==> flow/design.v <==
module my_mul_core_blk #(
  parameter int DWIDTH = 4,
  parameter int COEF = 2731,
  parameter int OUT_W = DWIDTH + $clog2(COEF + 1)
) (
  input  logic core_clk,
  input  logic aresetn,
  input  logic [DWIDTH-1:0] opa,
  output logic [OUT_W-1:0] p
);
  logic [DWIDTH-1:0] opa_r;
  always_ff @(posedge core_clk or negedge aresetn) begin
    if (~aresetn) begin
      opa_r <= '0;
    end else begin
      opa_r <= opa;
    end
  end
  assign p = opa_r * COEF;
endmodule
## Step by step through the tools: my_mul_core_blk

What the tools print for my_mul_core_blk, step after step.
Line numbers count from 1 in the design file above.
Not given: --

| inputs | value |
|---|---|
| top module | my_mul_core_blk |
| clock port | core_clk |
| cell library | sky130hd |
| library corner | tt_025C_1v80 |

## Word level

Source: Yosys, flattened and elaborated, memories not mapped. Widths are those after wreduce; folded enables and synchronous resets count as part of the registers. Registers that Yosys merges into a memory's read port (data or address) are not register bits. Print and check cells do not count. Equal cells are merged and count once.

| cells by class | value |
|---|---|
| multipliers | 1 |

Operators by type and width:

| cell | count |
|---|---|
| multiplier 4 x 12 -> 16 bit with constant B | 1 |

| word-level totals | value |
|---|---|
| register bits | 4 |
| output and inout bits | 16 |
| bits of input ports | 6 |

## Logic depth

Longest topological path by Yosys (ltp), each cell counted once; first at word level (registers and memories cut), then after technology mapping (sequential cells cut; the memories' decode and read muxes count).

| logic depth | value |
|---|---|
| depth after elaboration | 1 |
| ABC_AREA | 0 |
| gate-level depth with buffers | 8 |

## Synthesis result

Yosys stat after the flow's synthesis: flattened, memories mapped to cells. It holds for the ABC_AREA given above (unset counts as 0); a run with the other value may have another netlist.

| synthesis totals | value |
|---|---|
| cells in the netlist | 53 |
| sequential area | 0.0001001 mm^2 |
| cell area after synthesis | 0.0005493 mm^2 |
| flip-flops | 4 |

Cell types:

| cell | count | area in all (um^2) |
|---|---|---|
| sky130_fd_sc_hd__ha_1 | 11 | 137.632 |
| sky130_fd_sc_hd__dfrtp_1 | 4 | 100.096 |
| sky130_fd_sc_hd__fa_1 | 2 | 40.038 |
| sky130_fd_sc_hd__xnor2_1 | 4 | 35.034 |
| sky130_fd_sc_hd__mux2i_1 | 3 | 30.029 |
| sky130_fd_sc_hd__a31o_1 | 3 | 26.275 |
| sky130_fd_sc_hd__xor2_1 | 3 | 26.275 |
| sky130_fd_sc_hd__buf_6 | 2 | 22.522 |
| sky130_fd_sc_hd__inv_1 | 6 | 22.522 |
| sky130_fd_sc_hd__a211oi_2 | 1 | 12.512 |
| sky130_fd_sc_hd__a221o_1 | 1 | 10.01 |
| sky130_fd_sc_hd__and4_2 | 1 | 10.01 |
| sky130_fd_sc_hd__nor3_1 | 2 | 10.01 |
| sky130_fd_sc_hd__a21oi_2 | 1 | 8.758 |
| sky130_fd_sc_hd__and4_1 | 1 | 8.758 |
| sky130_fd_sc_hd__a211oi_1 | 1 | 7.507 |
| sky130_fd_sc_hd__a21o_1 | 1 | 7.507 |
| sky130_fd_sc_hd__buf_4 | 1 | 7.507 |

Other cell types: 5; their cells: 5.

## Path before layout

Source: OpenSTA report_checks on the synthesized netlist (no wires, ideal clock, input and output delay 20% of the period each), path of least setup slack; recovery checks are left aside. Register names are those of the netlist, which keeps one name where synthesis merged equal registers.

| timing post-synthesis | value |
|---|---|
| kind | flip-flop to output port |
| from | reg opa_r[2] |
| to | out p[14] |
| path delay | 2.188 ns |
| buffers on the path | 0 |
| driving pins on the path | 9 |
| launch time at the first pin | 0.000 ns |
| arrival time | 2.188 ns |
| setup slack | 0.548 ns |
| data required time | 2.736 ns |
| clock period | 3.42 ns |
| period reached after synthesis | 2.872 ns |

"path delay" is the arrival time less input delay plus setup time.
A path that ends at an output port has no setup time.
"driving pins on the path" counts driving pins, that of a launching flip-flop among them; a cell with two outputs on the path counts twice.
"period reached after synthesis" = period - worst setup slack (recovery checks aside). The figure is calculated, with input and output delays left at 20% of the set period.
The rows between start and end are the longest chain of elaborated cells between them; the timing report does not say that the signal goes this way. Where chains are equally long, one stands for them.
A line is the first line of the expression or statement that the cell stems from. Yosys adds cells for indexed reads and writes and turns some case tables into memories.

| on the way, post-synthesis | value |
|---|---|
| cells stage by stage | sky130_fd_sc_hd__dfrtp_1 -> sky130_fd_sc_hd__ha_1 -> sky130_fd_sc_hd__inv_1 -> sky130_fd_sc_hd__fa_1 -> sky130_fd_sc_hd__inv_1 -> sky130_fd_sc_hd__ha_1 -> sky130_fd_sc_hd__a21o_1 -> sky130_fd_sc_hd__a221o_1 -> sky130_fd_sc_hd__xnor2_1 |
| length of the longest elaborated chain | 1 |
| elaborated cells between the ends (all ways) | 1 |

Ends and longest elaborated chain, post-synthesis:

| element | line | source |
|---|---|---|
| start: declaration | 11 | `logic [DWIDTH-1:0] opa_r;` |
| start: assignment | 14 | `opa_r <= '0;` |
| start: assignment | 16 | `opa_r <= opa;` |
| multiplier 4 x 12 -> 16 bit | 19 | `assign p = opa_r * COEF;` |
| end: declaration | 9 | `output logic [OUT_W-1:0] p` |

## Path in the finished layout

Path of least setup slack in the final report of run 1 (OpenROAD, finished layout, wires in). Where an end is a register, its clock arrival counts in the times.

| timing after layout | value |
|---|---|
| kind | flip-flop to output port |
| from | reg opa_r[3] |
| to | out p[14] |
| setup slack | 0.18 ns |
| data required time | 2.74 ns |
| buffers on the path | 1 |
| arrival time | 2.55 ns |
| driving pins on the path | 10 |
| launch time at the first pin | 0.23 ns |
| clock period | 3.42 ns |

The rows between start and end are the longest chain of elaborated cells between them; the timing report does not say that the signal goes this way. Where chains are equally long, one stands for them.

| on the way, after layout | value |
|---|---|
| cells stage by stage | sky130_fd_sc_hd__dfrtp_1 -> sky130_fd_sc_hd__ha_1 -> sky130_fd_sc_hd__inv_1 -> sky130_fd_sc_hd__fa_1 -> sky130_fd_sc_hd__inv_1 -> sky130_fd_sc_hd__ha_1 -> sky130_fd_sc_hd__a21o_1 -> sky130_fd_sc_hd__a221o_1 -> sky130_fd_sc_hd__xnor2_1 -> sky130_fd_sc_hd__clkbuf_2 |
| length of the longest elaborated chain | 1 |
| elaborated cells between the ends (all ways) | 1 |

Ends and longest elaborated chain, after layout:

| element | line | source |
|---|---|---|
| start: declaration | 11 | `logic [DWIDTH-1:0] opa_r;` |
| start: assignment | 14 | `opa_r <= '0;` |
| start: assignment | 16 | `opa_r <= opa;` |
| multiplier 4 x 12 -> 16 bit | 19 | `assign p = opa_r * COEF;` |
| end: declaration | 9 | `output logic [OUT_W-1:0] p` |

Record of 3 stored runs of the RTL-to-layout flow on my_mul_core_blk, platform sky130hd. The runs are unordered. Constraints: input delay and output delay 20% of the set period each, output load 0.01 pF.
"reached clock period": clock period set for the run, less the worst setup slack. It is reckoned from that one timing run; input and output delays stay at 20% of the period that was set.
"worst setup path time" means the part of the period allowed to the worst setup path (the constraints hold back 20% at inputs and 20% at outputs) less its slack; where the path has registers, the arrival times of their clocks count too.
"total design power": no workload was simulated; the value follows from the tool's default switching activity.

#### Run 1

| setting | value |
|---|---|
| period_ns | `3.42` |
| CAP_MARGIN | `20` |
| CORE_MARGIN | `2` |
| CORE_UTILIZATION | `40` |
| SLEW_MARGIN | `20` |

| result | value |
|---|---|
| synthesized cell area | 0.0005493 mm^2 |
| die size | 0.0016855 mm^2 |
| standard-cell area after routing | 0.0008458 mm^2 |
| final design utilization | 65.8 % |
| worst slack on setup checks | 0.182 ns |
| total negative slack on setup checks | 0.000 ns |
| total design power | 0.0003299 W |
| reached clock period | 3.238 ns |
| worst setup path time | 2.55 ns |
| critical path type | flip-flop to output port |

#### Run 2

| setting | value |
|---|---|
| period_ns | `5.17` |
| CORE_UTILIZATION | `66` |
| PLACE_DENSITY_LB_ADDON | `0.06` |
| CORE_MARGIN | `10` |
| GPL_ROUTABILITY_DRIVEN | `0` |
| CTS_CLUSTER_SIZE | `31` |
| CAP_MARGIN | `40` |
| MAX_ROUTING_LAYER | `met4` |
| SLEW_MARGIN | `20` |

Incomplete, floorplanning halted on PDN-0185.

#### Run 3

| setting | value |
|---|---|
| period_ns | `4.93` |
| CORE_UTILIZATION | `58` |
| SETUP_SLACK_MARGIN | `-0.07` |
| PLACE_DENSITY | `0.7` |
| CORE_ASPECT_RATIO | `1.29` |
| CELL_PAD_IN_SITES_GLOBAL_PLACEMENT | `2` |
| CELL_PAD_IN_SITES_DETAIL_PLACEMENT | `2` |
| TNS_END_PERCENT | `75` |
| GPL_ROUTABILITY_DRIVEN | `0` |
| CAP_MARGIN | `20` |
| CORE_MARGIN | `2` |
| SLEW_MARGIN | `20` |

Incomplete, floorplanning halted on PDN-0185.
